==> flow/design.v <==
module gen_sub_unit_mod #(
    parameter integer WD = 6
) (
    input  wire CLK,
    input  wire RST,
    input  wire [WD-1:0] arg0,
    input  wire [WD-1:0] arg1,
    output reg [WD:0] sum,
    output reg [WD:0] diff
);
    always @(posedge CLK) begin
        if (RST) begin
            sum <= 0;
            diff <= 0;
        end else begin
            sum <= arg0 + arg1;
            diff <= arg0 - arg1;
        end
    end
endmodule
Wiki page: gen_sub_unit_mod / tool data

=== From RTL to reports: gen_sub_unit_mod ===
Tool output for the members of one design family, told apart by "WD", in the order of the flow.
The file above is the member WD 6. Line numbers count from 1 in each member's own file.
Operators: Yosys type, input widths -> output width; for muxes data width and select width s.
A cell with -- has no value.

* Design top: gen_sub_unit_mod
* Clock input: CLK
* Standard-cell library: sky130hd
* Library corner: tt_025C_1v80

=== Source of the members ===
Lines of each other member's file that are new or changed against the file above; lines that a member lacks are not shown.

{| class="wikitable"
|+ Lines new or changed
! WD !! RTL line !! source
|-
| 16 || 2 || <nowiki>parameter integer WD = 16</nowiki>
|-
| 48 || 2 || <nowiki>parameter integer WD = 48</nowiki>
|-
| 80 || 2 || <nowiki>parameter integer WD = 80</nowiki>
|-
| 128 || 2 || <nowiki>parameter integer WD = 128</nowiki>
|}

=== Word-level counts ===
Yosys after proc, flatten, opt, wreduce and memory -nomap, before mapping. Enables and synchronous resets that opt folds into registers are not counted as muxes. Memory bits, and registers merged into a memory's read port (data or address), are not among the register bits. Print and check cells are not counted. Equal cells are merged and count once.

{| class="wikitable"
|+ Cells by class
! WD !! add/sub/neg operators
|-
| 6 || 2
|-
| 16 || 2
|-
| 48 || 2
|-
| 80 || 2
|-
| 128 || 2
|}

{| class="wikitable"
|+ Operator list
! WD !! kinds with counts
|-
| 6 || $add 6x6->7 (1); $sub 6x6->7 (1)
|-
| 16 || $add 16x16->17 (1); $sub 16x16->17 (1)
|-
| 48 || $add 48x48->49 (1); $sub 48x48->49 (1)
|-
| 80 || $add 80x80->81 (1); $sub 80x80->81 (1)
|-
| 128 || $add 128x128->129 (1); $sub 128x128->129 (1)
|}

{| class="wikitable"
|+ Word-level totals
! WD !! input bits !! bits in registers !! output and inout port bits
|-
| 6 || 14 || 14 || 14
|-
| 16 || 34 || 34 || 34
|-
| 48 || 98 || 98 || 98
|-
| 80 || 162 || 162 || 162
|-
| 128 || 258 || 258 || 258
|}

=== Logic depth ===
Depth = most cells in a row (Yosys ltp): at word level without a register or memory, in the mapped netlist without a sequential cell, where the memories' decode and read muxes count.

{| class="wikitable"
|+ Depth
! WD !! depth in word-level cells !! ABC_AREA !! depth in mapped cells !! gate-level depth less buffers
|-
| 6 || 1 || 0 || 8 || 8
|-
| 16 || 1 || 0 || 9 || 9
|-
| 48 || 1 || 0 || 12 || 12
|-
| 80 || 1 || 0 || 14 || 13
|-
| 128 || 1 || 0 || 15 || 15
|}

=== Mapped cells and area ===
The flow's flattened synthesis, as Yosys stat reports it; memories are mapped. The netlist is that of the ABC_AREA named above (0 if unset); the other value can give another one.
The area totals of this step are shown rounded.

{| class="wikitable"
|+ Mapped netlist
! WD !! sequential area (um^2) !! cells in the netlist !! chip area (Yosys) (um^2) !! flip-flops !! buffer cells
|-
| 6 || 260 || 95 || 863 || 13 || 5
|-
| 16 || 661 || 288 || 2,380 || 33 || 12
|-
| 48 || 1,940 || 1,092 || 8,190 || 97 || 48
|-
| 80 || 3,220 || 1,969 || 14,400 || 161 || 95
|-
| 128 || 5,140 || 3,351 || 24,000 || 257 || 152
|}

{| class="wikitable"
|+ Cell types
! WD !! type and count
|-
| 6 || sky130_fd_sc_hd__dfxtp_1 (13); sky130_fd_sc_hd__ha_1 (12); sky130_fd_sc_hd__inv_1 (13); sky130_fd_sc_hd__fa_1 (2); sky130_fd_sc_hd__xnor2_1 (4); sky130_fd_sc_hd__nor2_1 (9); sky130_fd_sc_hd__o21bai_1 (3); sky130_fd_sc_hd__nor2b_1 (3); sky130_fd_sc_hd__nor4b_1 (2); sky130_fd_sc_hd__o311ai_2 (1); sky130_fd_sc_hd__a21oi_1 (3); sky130_fd_sc_hd__buf_2 (3); sky130_fd_sc_hd__nor3_1 (3); sky130_fd_sc_hd__nor3b_1 (2); sky130_fd_sc_hd__a211oi_2 (1); sky130_fd_sc_hd__nand2b_1 (2); sky130_fd_sc_hd__nor4_1 (2); sky130_fd_sc_hd__buf_6 (1); [+16]
|-
| 16 || sky130_fd_sc_hd__dfxtp_1 (33); sky130_fd_sc_hd__ha_1 (32); sky130_fd_sc_hd__a21oi_1 (31); sky130_fd_sc_hd__nor2_1 (37); sky130_fd_sc_hd__xnor2_1 (13); sky130_fd_sc_hd__inv_1 (29); sky130_fd_sc_hd__mux2i_1 (6); sky130_fd_sc_hd__nand2b_1 (8); sky130_fd_sc_hd__o21ai_0 (9); sky130_fd_sc_hd__o31ai_1 (6); sky130_fd_sc_hd__xor2_1 (5); sky130_fd_sc_hd__fa_1 (2); sky130_fd_sc_hd__nor3_1 (8); sky130_fd_sc_hd__nand2_1 (10); sky130_fd_sc_hd__or2_2 (5); sky130_fd_sc_hd__buf_2 (5); sky130_fd_sc_hd__nand3_1 (4); sky130_fd_sc_hd__nor2b_1 (3); [+42]
|-
| 48 || sky130_fd_sc_hd__dfxtp_1 (97); sky130_fd_sc_hd__ha_1 (96); sky130_fd_sc_hd__a21oi_1 (138); sky130_fd_sc_hd__nor2_1 (152); sky130_fd_sc_hd__xnor2_1 (64); sky130_fd_sc_hd__inv_1 (104); sky130_fd_sc_hd__o21bai_1 (31); sky130_fd_sc_hd__o21ai_0 (43); sky130_fd_sc_hd__nand2_1 (53); sky130_fd_sc_hd__a21o_1 (17); sky130_fd_sc_hd__o31ai_1 (17); sky130_fd_sc_hd__nor4_1 (17); sky130_fd_sc_hd__clkbuf_1 (27); sky130_fd_sc_hd__mux2_2 (9); sky130_fd_sc_hd__nand4_1 (15); sky130_fd_sc_hd__nand3_1 (17); sky130_fd_sc_hd__o211ai_1 (11); sky130_fd_sc_hd__nor2b_1 (13); [+171]
|-
| 80 || sky130_fd_sc_hd__dfxtp_1 (161); sky130_fd_sc_hd__ha_1 (160); sky130_fd_sc_hd__a21oi_1 (235); sky130_fd_sc_hd__nor2_1 (273); sky130_fd_sc_hd__xnor2_1 (113); sky130_fd_sc_hd__inv_1 (172); sky130_fd_sc_hd__o21ai_0 (98); sky130_fd_sc_hd__o21bai_1 (64); sky130_fd_sc_hd__nand2_1 (95); sky130_fd_sc_hd__clkbuf_1 (71); sky130_fd_sc_hd__nand4_1 (42); sky130_fd_sc_hd__nor4_1 (37); sky130_fd_sc_hd__o31ai_1 (30); sky130_fd_sc_hd__a21o_1 (29); sky130_fd_sc_hd__nor3_1 (40); sky130_fd_sc_hd__nor2b_1 (29); sky130_fd_sc_hd__a211oi_1 (20); sky130_fd_sc_hd__nand3_1 (30); [+270]
|-
| 128 || sky130_fd_sc_hd__dfxtp_1 (257); sky130_fd_sc_hd__ha_1 (256); sky130_fd_sc_hd__a21oi_1 (410); sky130_fd_sc_hd__xnor2_1 (217); sky130_fd_sc_hd__nor2_1 (497); sky130_fd_sc_hd__inv_1 (264); sky130_fd_sc_hd__nand2_1 (218); sky130_fd_sc_hd__o21ai_0 (155); sky130_fd_sc_hd__o21bai_1 (102); sky130_fd_sc_hd__o31ai_1 (72); sky130_fd_sc_hd__nand4_1 (77); sky130_fd_sc_hd__nor4_1 (77); sky130_fd_sc_hd__a21o_1 (51); sky130_fd_sc_hd__clkbuf_1 (101); sky130_fd_sc_hd__nor3_1 (70); sky130_fd_sc_hd__o21a_1 (39); sky130_fd_sc_hd__a31oi_1 (39); sky130_fd_sc_hd__nor2b_1 (39); [+410]
|}

The mark [+n] counts cells that are not listed.

=== Timing after synthesis ===
OpenSTA on the mapped netlist: ideal clock, no wires. The path of least setup slack (recovery checks aside). Input and output delay are each 20% of the period. Register names are those of the netlist, which keeps one name where synthesis merged equal registers.

{| class="wikitable"
|+ Timing post-synthesis
! WD !! path type !! from !! to !! clock period (ns) !! slack (ns) !! path delay (ns) !! driving pins on the path !! period reached after synthesis (ns)
|-
| 6 || input to register || in arg0[0] || reg diff[6] || 2.02 || 0.320 || 1.295 || 8 || 1.7
|-
| 16 || input to register || in arg0[0] || reg sum[12] || 2.78 || 0.445 || 1.778 || 8 || 2.335
|-
| 48 || input to register || in arg0[0] || reg sum[42] || 3.8 || 0.606 || 2.435 || 11 || 3.194
|-
| 80 || input to register || in arg0[0] || reg diff[78] || 4.63 || 0.743 || 2.961 || 13 || 3.887
|-
| 128 || input to register || in arg0[0] || reg diff[74] || 5.24 || 0.840 || 3.352 || 15 || 4.4
|}

"path delay" is the arrival time less input delay plus setup time.
"driving pins on the path" counts driving pins, that of a launching flip-flop among them; a cell with two outputs on the path counts twice.
"period reached after synthesis" is the clock period less the worst setup slack; recovery checks do not enter. This is arithmetic on one report: input and output delays are still those of the set period (20% each).
The rows between start and end are the longest chain of elaborated cells between them; the timing report does not say that the signal goes this way. Where chains are equally long, one stands for them.
A line is the first line of the expression or statement that the cell stems from. Yosys adds cells for indexed reads and writes and turns some case tables into memories.

Between the ends, post-synthesis, WD 6:
* Cells in the longest elaborated chain: 1

{| class="wikitable"
|+ Ends and longest elaborated chain, post-synthesis, WD 6
! item !! RTL line !! source
|-
| start, declared || 6 || <nowiki>input  wire [WD-1:0] arg0,</nowiki>
|-
| $sub 6x6->7 || 17 || <nowiki>diff <= arg0 - arg1;</nowiki>
|-
| end, assigned || 14 || <nowiki>diff <= 0;</nowiki>
|-
| end, assigned || 17 ||
|-
| end, declared || 9 || <nowiki>output reg [WD:0] diff</nowiki>
|}

Between the ends, post-synthesis, WD 128:
* Cells in the longest elaborated chain: 1

{| class="wikitable"
|+ Ends and longest elaborated chain, post-synthesis, WD 128
! item !! RTL line !! source
|-
| start, declared || 6 || <nowiki>input  wire [WD-1:0] arg0,</nowiki>
|-
| $sub 128x128->129 || 17 || <nowiki>diff <= arg0 - arg1;</nowiki>
|-
| end, assigned || 14 || <nowiki>diff <= 0;</nowiki>
|-
| end, assigned || 17 ||
|-
| end, declared || 9 || <nowiki>output reg [WD:0] diff</nowiki>
|}

=== Timing after layout ===
From the final timing report of the run of each member: the path of least setup slack in the routed layout; clock arrival at registers is part of the times.

{| class="wikitable"
|+ Timing after layout
! WD !! path type !! from !! to !! clock period (ns) !! arrival time (ns) !! slack (ns) !! path buffers !! driving pins on the path
|-
| 6 || input to register || in arg1[0] || reg diff[4] || 2.02 || 2.08 || 0.10 || 2 || 9
|-
| 16 || input to register || in arg0[0] || reg diff[12] || 2.78 || 2.83 || 0.14 || 1 || 10
|-
| 48 || input to register || in arg1[6] || reg sum[47] || 3.8 || 3.93 || 0.11 || 2 || 13
|-
| 80 || input to register || in arg1[5] || reg sum[72] || 4.63 || 4.70 || 0.29 || 4 || 16
|-
| 128 || input to register || in arg1[2] || reg diff[81] || 5.24 || 5.46 || 0.26 || 3 || 17
|}

=== Layout results ===
One run of the flow (Yosys, OpenROAD) for each member, with settings and measured results. Input and output delays are each 20% of the period that was set; the output load is 0.01 pF.

* CAP_MARGIN: 20
* CORE_MARGIN: 2
* CORE_UTILIZATION: 40
* SLEW_MARGIN: 20

{| class="wikitable"
|+ Settings by member
! WD !! period_ns
|-
| 6 || 2.02
|-
| 16 || 2.78
|-
| 48 || 3.8
|-
| 80 || 4.63
|-
| 128 || 5.24
|}

{| class="wikitable"
|+ Measured results
! WD !! mapped cell area after synthesis (um^2) !! worst hold slack in the final report (ns) !! overall power (µW) !! setup slack of the critical path (ns) !! die size (um^2) !! sum of negative setup slack (ns) !! clock period reached (ns) !! std-cell area (final layout) (um^2)
|-
| 6 || 863 || 0.842 || 734 || 0.101 || 2,550 || 0.000 || 1.919 || 1,280
|-
| 16 || 2,380 || 0.968 || 1,690 || 0.138 || 6,590 || 0.000 || 2.642 || 3,480
|-
| 48 || 8,190 || 0.858 || 4,060 || 0.108 || 21,600 || 0.000 || 3.692 || 11,900
|-
| 80 || 14,400 || 1.03 || 5,950 || 0.288 || 37,500 || 0.000 || 4.342 || 20,300
|-
| 128 || 24,000 || 1.06 || 8,810 || 0.263 || 61,900 || 0.000 || 4.977 || 33,100
|}

"clock period reached" means the clock period less the worst setup slack. The figure is calculated, with input and output delays left at 20% of the set period.
"overall power" is the tool's figure for a default switching activity; nothing was simulated.
The results are shown rounded.
